==> flow/design.v <==
module fa (
  input wire a,
  input wire b,
  input wire ci,
  output wire s,
  output wire co
);
  assign {co, s} = a + b + ci;
endmodule
module summer #(
  parameter WD = 96
) (
  input wire clk_i,
  input wire rst_n,
  input wire step,
  input wire [WD-1:0] A_in,
  input wire [WD-1:0] B_in,
  input wire c0_in,
  output wire [WD-1:0] out_out,
  output wire cy_out
);
  reg [WD-1:0] r_A;
  reg [WD-1:0] r_B;
  reg r_c0;
  wire [WD-1:0] tmp;
  wire [WD:0] carry;
  assign carry[0] = r_c0;
  genvar g;
  generate
    for (g = 0; g < WD; g = g + 1) begin : row
      fa u0 (.a(r_A[g]), .b(r_B[g]), .ci(carry[g]), .s(tmp[g]), .co(carry[g+1]));
    end
  endgenerate
  assign out_out = tmp;
  assign cy_out = carry[WD];
  always @(posedge clk_i) begin
    if (~rst_n) begin
      r_A <= 0;
      r_B <= 0;
      r_c0 <= 1'b0;
    end else if (step) begin
      r_A <= A_in;
      r_B <= B_in;
      r_c0 <= c0_in;
    end
  end
endmodule
# Tool chain data of summer

The steps from the RTL of summer to its reports follow in flow order.
Line numbers count from 1 in the design file above.
Library cell names are shortened.
Not given: -

Top module: summer
Clock port: clk_i
Library: sky130hd
Library corner: tt_025C_1v80

# After elaboration

Counts by Yosys on the flattened word-level netlist (proc, flatten, opt, wreduce; memories kept). Register bits leave out memories and registers merged into their read ports (data or address); mux counts leave out enables and synchronous resets folded into registers. Print and check cells are left out. Cells with the same type and inputs are merged into one.

Register bits: 193
Input bits: 196

Add/sub/neg operators: 192

Operators by type and width:

| cell                 | count |
| adder 1 x 1 -> 2 bit | 96 |
| adder 2 x 1 -> 2 bit | 96 |

# Logic depth

Depth = most cells in a row (Yosys ltp): at word level without a register or memory, in the mapped netlist without a sequential cell, where the memories' decode and read muxes count.

Depth after elaboration: 97
ABC_AREA: 0
Mapped depth: 101
Gate-level depth less buffers: 100

# Mapped cells and area

Source: synth_stat.txt of the flow (Yosys; design flattened, memories mapped). It holds for the ABC_AREA given above (unset counts as 0); a run with the other value may have another netlist.
The area totals of this step are shown rounded.

Cells in the netlist: 824
Chip area (Yosys): 10,100 um^2
Area of sequential cells: 3,860 um^2
Flip-flop cells: 193
Buffer cells: 139

Cells by type:

| cell type | count |
| dfxtp_1   | 193 |
| mux2i_1   | 193 |
| fa_1      | 96 |
| nor2b_1   | 193 |
| buf_4     | 99 |
| buf_12    | 12 |
| buf_8     | 7 |
| clkbuf_1  | 19 |
| inv_1     | 10 |
| buf_2     | 2 |

By module: a second synthesis without flattening, with its own total; a netlist apart from the flattened one above.

Cell total of the unflattened synthesis: 718
Area (unflattened synthesis): 9,370 um^2

Rows give one instance, submodules left out.

By module:

| module | times used | cells | area (um^2) | seq. area (um^2) |
| summer | 1          | 622   | 7,450       | 3,860 |
| fa     | 96         | 1     | 20.0        | 0.0 |

# Worst setup path after synthesis

Path of least setup slack by OpenSTA after synthesis, without wires, with an ideal clock, recovery checks aside; 20% of the period is set as input and as output delay. Where synthesis merged equal registers, the netlist keeps one of their names.

Kind: register to output
Start point: register r_c0
End point: output port out_out[95]
Period: 57.5 ns
External output delay: 11.500 ns
Launch time at the first pin: 0.000 ns
Arrival time: 36.831 ns
Data required time: 46.000 ns
Setup slack: 9.169 ns
Path delay: 36.831 ns
Stages: 102
Buffers on the path: 1
Synthesis period reached: 48.331 ns

"path delay" = arrival - input delay + setup time.
At an output port there is no setup time.
"stages": output pins that drive a net of the path, with the launching flip-flop's if there is one; two outputs of one cell count as two.
"synthesis period reached" is the clock period less the worst setup slack; recovery checks do not enter. This is arithmetic on one report: input and output delays are still those of the set period (20% each).
Between the ends stands the longest chain of elaborated cells between them, by number of cells; it is not shown to be the way that was timed. Of several equally long chains one is given.
A line is the first line of the expression or statement that the cell stems from. Yosys adds cells for indexed reads and writes and turns some case tables into memories.

Path through: dfxtp_1 > inv_1 > fa_1 > inv_1 > fa_1 > fa_1 > fa_1 > fa_1 > fa_1 > fa_1 > fa_1 > fa_1 > fa_1 > fa_1 > fa_1 > fa_1 > fa_1 > fa_1 > [... 66 more ...] > fa_1 > fa_1 > fa_1 > fa_1 > fa_1 > fa_1 > fa_1 > fa_1 > fa_1 > fa_1 > fa_1 > fa_1 > fa_1 > fa_1 > inv_1 > fa_1 > inv_1 > buf_4
Length of the longest elaborated chain: 96
Elaborated cells between the ends (all ways): 96
RTL lines with such cells: 1
Those cells by class: 96 x add/sub

RTL lines, path post-synthesis:

| element                  | RTL line | text |
| start, declared          | 24       | `reg r_c0;` |
| start, assigned          | 40       | `r_c0 <= 1'b0;` |
| start, assigned          | 44       | `r_c0 <= c0_in;` |
| adder 2 x 1 -> 2 bit x96 | 8        | `assign {co, s} = a + b + ci;` |
| end, declared            | 19       | `output wire [WD-1:0] out_out,` |

Some nets on the timed path still bear RTL names; the line given drives or declares the net.

Named nets, post-synthesis:

| net          | RTL line |
| row[95].u0.s | 8 |

# Worst path after layout

Path of least setup slack in the final report of run 1 (OpenROAD, finished layout, wires in). Where an end is a register, its clock arrival counts in the times.

Kind: register to output
Start point: register r_A[0]
End point: output port out_out[95]
Period: 34.3 ns
External output delay: 6.86 ns
Launch time at the first pin: 0.44 ns
Arrival time: 35.60 ns
Data required time: 27.44 ns
Setup slack: -8.16 ns
Stages: 102
Buffers on the path: 1

Between the ends stands the longest chain of elaborated cells between them, by number of cells; it is not shown to be the way that was timed. Of several equally long chains one is given.

Path through: dfxtp_2 > inv_2 > fa_2 > inv_2 > fa_2 > fa_2 > fa_2 > fa_2 > fa_2 > fa_2 > fa_2 > fa_2 > fa_2 > fa_2 > fa_2 > fa_2 > fa_2 > fa_2 > [... 66 more ...] > fa_2 > fa_2 > fa_2 > fa_2 > fa_2 > fa_2 > fa_2 > fa_2 > fa_2 > fa_2 > fa_2 > fa_2 > fa_2 > fa_2 > inv_2 > fa_1 > inv_1 > buf_2
Length of the longest elaborated chain: 97
Elaborated cells between the ends (all ways): 97
RTL lines with such cells: 1
Those cells by class: 97 x add/sub

RTL lines, path post-layout:

| element                  | RTL line | text |
| start, declared          | 22       | `reg [WD-1:0] r_A;` |
| start, assigned          | 38       | `r_A <= 0;` |
| start, assigned          | 42       | `r_A <= A_in;` |
| adder 1 x 1 -> 2 bit     | 8        | `assign {co, s} = a + b + ci;` |
| adder 2 x 1 -> 2 bit x96 | 8        |  |
| end, declared            | 19       | `output wire [WD-1:0] out_out,` |

Hand-over note for summer

Module summer, platform sky130hd: 3 stored runs of the flow (Yosys, OpenROAD) with differing settings, in no particular order. Input and output delays are each 20% of the period that was set; the output load is 0.01 pF.
"reached clock period": clock period set for the run, less the worst setup slack. It is reckoned from that one timing run; input and output delays stay at 20% of the period that was set.
By "critical setup path time" is meant the share of the clock period that the worst setup path is allowed (20% is reserved at inputs, 20% at outputs), minus its slack. Clock arrival times at its registers enter into it.
"power consumption": no workload was simulated; the value follows from the tool's default switching activity.
The measured numbers are rounded.

## Run 1

==> flow/run.sh <==
#!/bin/bash
# the make line also repeats the synthesis and layout settings of config.mk as NAME=value (left out here)
make -C /OpenROAD-flow-scripts/flow DESIGN_CONFIG=/design/flow/config.mk WORK_HOME=/design/flow/orfs CLKGATE_MAP_FILE= finish
==> flow/config.mk <==
export PLATFORM = sky130hd
export DESIGN_NAME = summer
export DESIGN_NICKNAME = summer
export VERILOG_FILES = /design/flow/design.v
export SDC_FILE = /design/flow/constraint.sdc
export NUM_CORES = 4
export LEC_CHECK = 0
export CAP_MARGIN = 20
export CELL_PAD_IN_SITES_DETAIL_PLACEMENT = 1
export CORE_MARGIN = 2
export CORE_UTILIZATION = 52
export CTS_CLUSTER_SIZE = 21
export GPL_ROUTABILITY_DRIVEN = 0
export GPL_TIMING_DRIVEN = 1
export MIN_ROUTING_LAYER = met2
export PLACE_DENSITY_LB_ADDON = 0.11
export SETUP_SLACK_MARGIN = 2.39
export SLEW_MARGIN = 20
==> flow/constraint.sdc <==
create_clock -name core_clock -period 34.3 [get_ports {clk_i}]
set_input_delay 6.8600 -clock core_clock [delete_from_list [all_inputs] [get_ports {clk_i}]]
set_output_delay 6.8600 -clock core_clock [all_outputs]
set_load 0.01 [all_outputs]

| result of run 1 | value |
|---|---|
| netlist area reported by Yosys | 10,100 um^2 |
| smallest setup slack | -8.16 ns |
| critical setup path time | 35.60 ns |
| worst setup path kind | register to output |
| reached clock period | 42.465 ns |
| power consumption | 0.593 mW |
| overall die area | 20,600 um^2 |
| utilization after layout | 68.4 % |
| total negative setup slack | -106 ns |
| std-cell area (final layout) | 13,200 um^2 |
| lowest hold slack | 0.541 ns |

## Run 2

==> flow/run.sh <==
#!/bin/bash
# the make line also repeats the synthesis and layout settings of config.mk as NAME=value (left out here)
make -C /OpenROAD-flow-scripts/flow DESIGN_CONFIG=/design/flow/config.mk WORK_HOME=/design/flow/orfs CLKGATE_MAP_FILE= finish
==> flow/config.mk <==
export PLATFORM = sky130hd
export DESIGN_NAME = summer
export DESIGN_NICKNAME = summer
export VERILOG_FILES = /design/flow/design.v
export SDC_FILE = /design/flow/constraint.sdc
export NUM_CORES = 4
export LEC_CHECK = 0
export CAP_MARGIN = 20
export CORE_MARGIN = 2
export CORE_UTILIZATION = 40
export SLEW_MARGIN = 20
==> flow/constraint.sdc <==
create_clock -name core_clock -period 57.5 [get_ports {clk_i}]
set_input_delay 11.5000 -clock core_clock [delete_from_list [all_inputs] [get_ports {clk_i}]]
set_output_delay 11.5000 -clock core_clock [all_outputs]
set_load 0.01 [all_outputs]

| result of run 2 | value |
|---|---|
| overall die area | 26,600 um^2 |
| power consumption | 0.340 mW |
| utilization after layout | 51.6 % |
| critical setup path time | 40.23 ns |
| worst setup path kind | register to output |
| lowest hold slack | 0.533 ns |
| std-cell area (final layout) | 12,900 um^2 |
| reached clock period | 51.726 ns |
| total negative setup slack | 0.000 ns |
| netlist area reported by Yosys | 10,100 um^2 |
| smallest setup slack | 5.77 ns |

## Run 3

==> flow/run.sh <==
#!/bin/bash
# the make line also repeats the synthesis and layout settings of config.mk as NAME=value (left out here)
make -C /OpenROAD-flow-scripts/flow DESIGN_CONFIG=/design/flow/config.mk WORK_HOME=/design/flow/orfs CLKGATE_MAP_FILE= finish
==> flow/config.mk <==
export PLATFORM = sky130hd
export DESIGN_NAME = summer
export DESIGN_NICKNAME = summer
export VERILOG_FILES = /design/flow/design.v
export SDC_FILE = /design/flow/constraint.sdc
export NUM_CORES = 4
export LEC_CHECK = 0
export ABC_AREA = 1
export CAP_MARGIN = 25
export CELL_PAD_IN_SITES_GLOBAL_PLACEMENT = 2
export CORE_MARGIN = 2
export CORE_UTILIZATION = 18
export CTS_CLUSTER_DIAMETER = 170
export MIN_ROUTING_LAYER = met2
export PLACE_DENSITY_LB_ADDON = 0.08
export SETUP_SLACK_MARGIN = 5.0
export SLEW_MARGIN = 20
==> flow/constraint.sdc <==
create_clock -name core_clock -period 37.5 [get_ports {clk_i}]
set_input_delay 7.5000 -clock core_clock [delete_from_list [all_inputs] [get_ports {clk_i}]]
set_output_delay 7.5000 -clock core_clock [all_outputs]
set_load 0.01 [all_outputs]

| result of run 3 | value |
|---|---|
| netlist area reported by Yosys | 10,700 um^2 |
| smallest setup slack | -5.56 ns |
| total negative setup slack | -51.8 ns |
| lowest hold slack | 0.472 ns |
| utilization after layout | 24.3 % |
| power consumption | 0.580 mW |
| reached clock period | 43.059 ns |
| std-cell area (final layout) | 14,300 um^2 |
| overall die area | 61,200 um^2 |
| critical setup path time | 35.56 ns |
| worst setup path kind | register to output |

End of note.
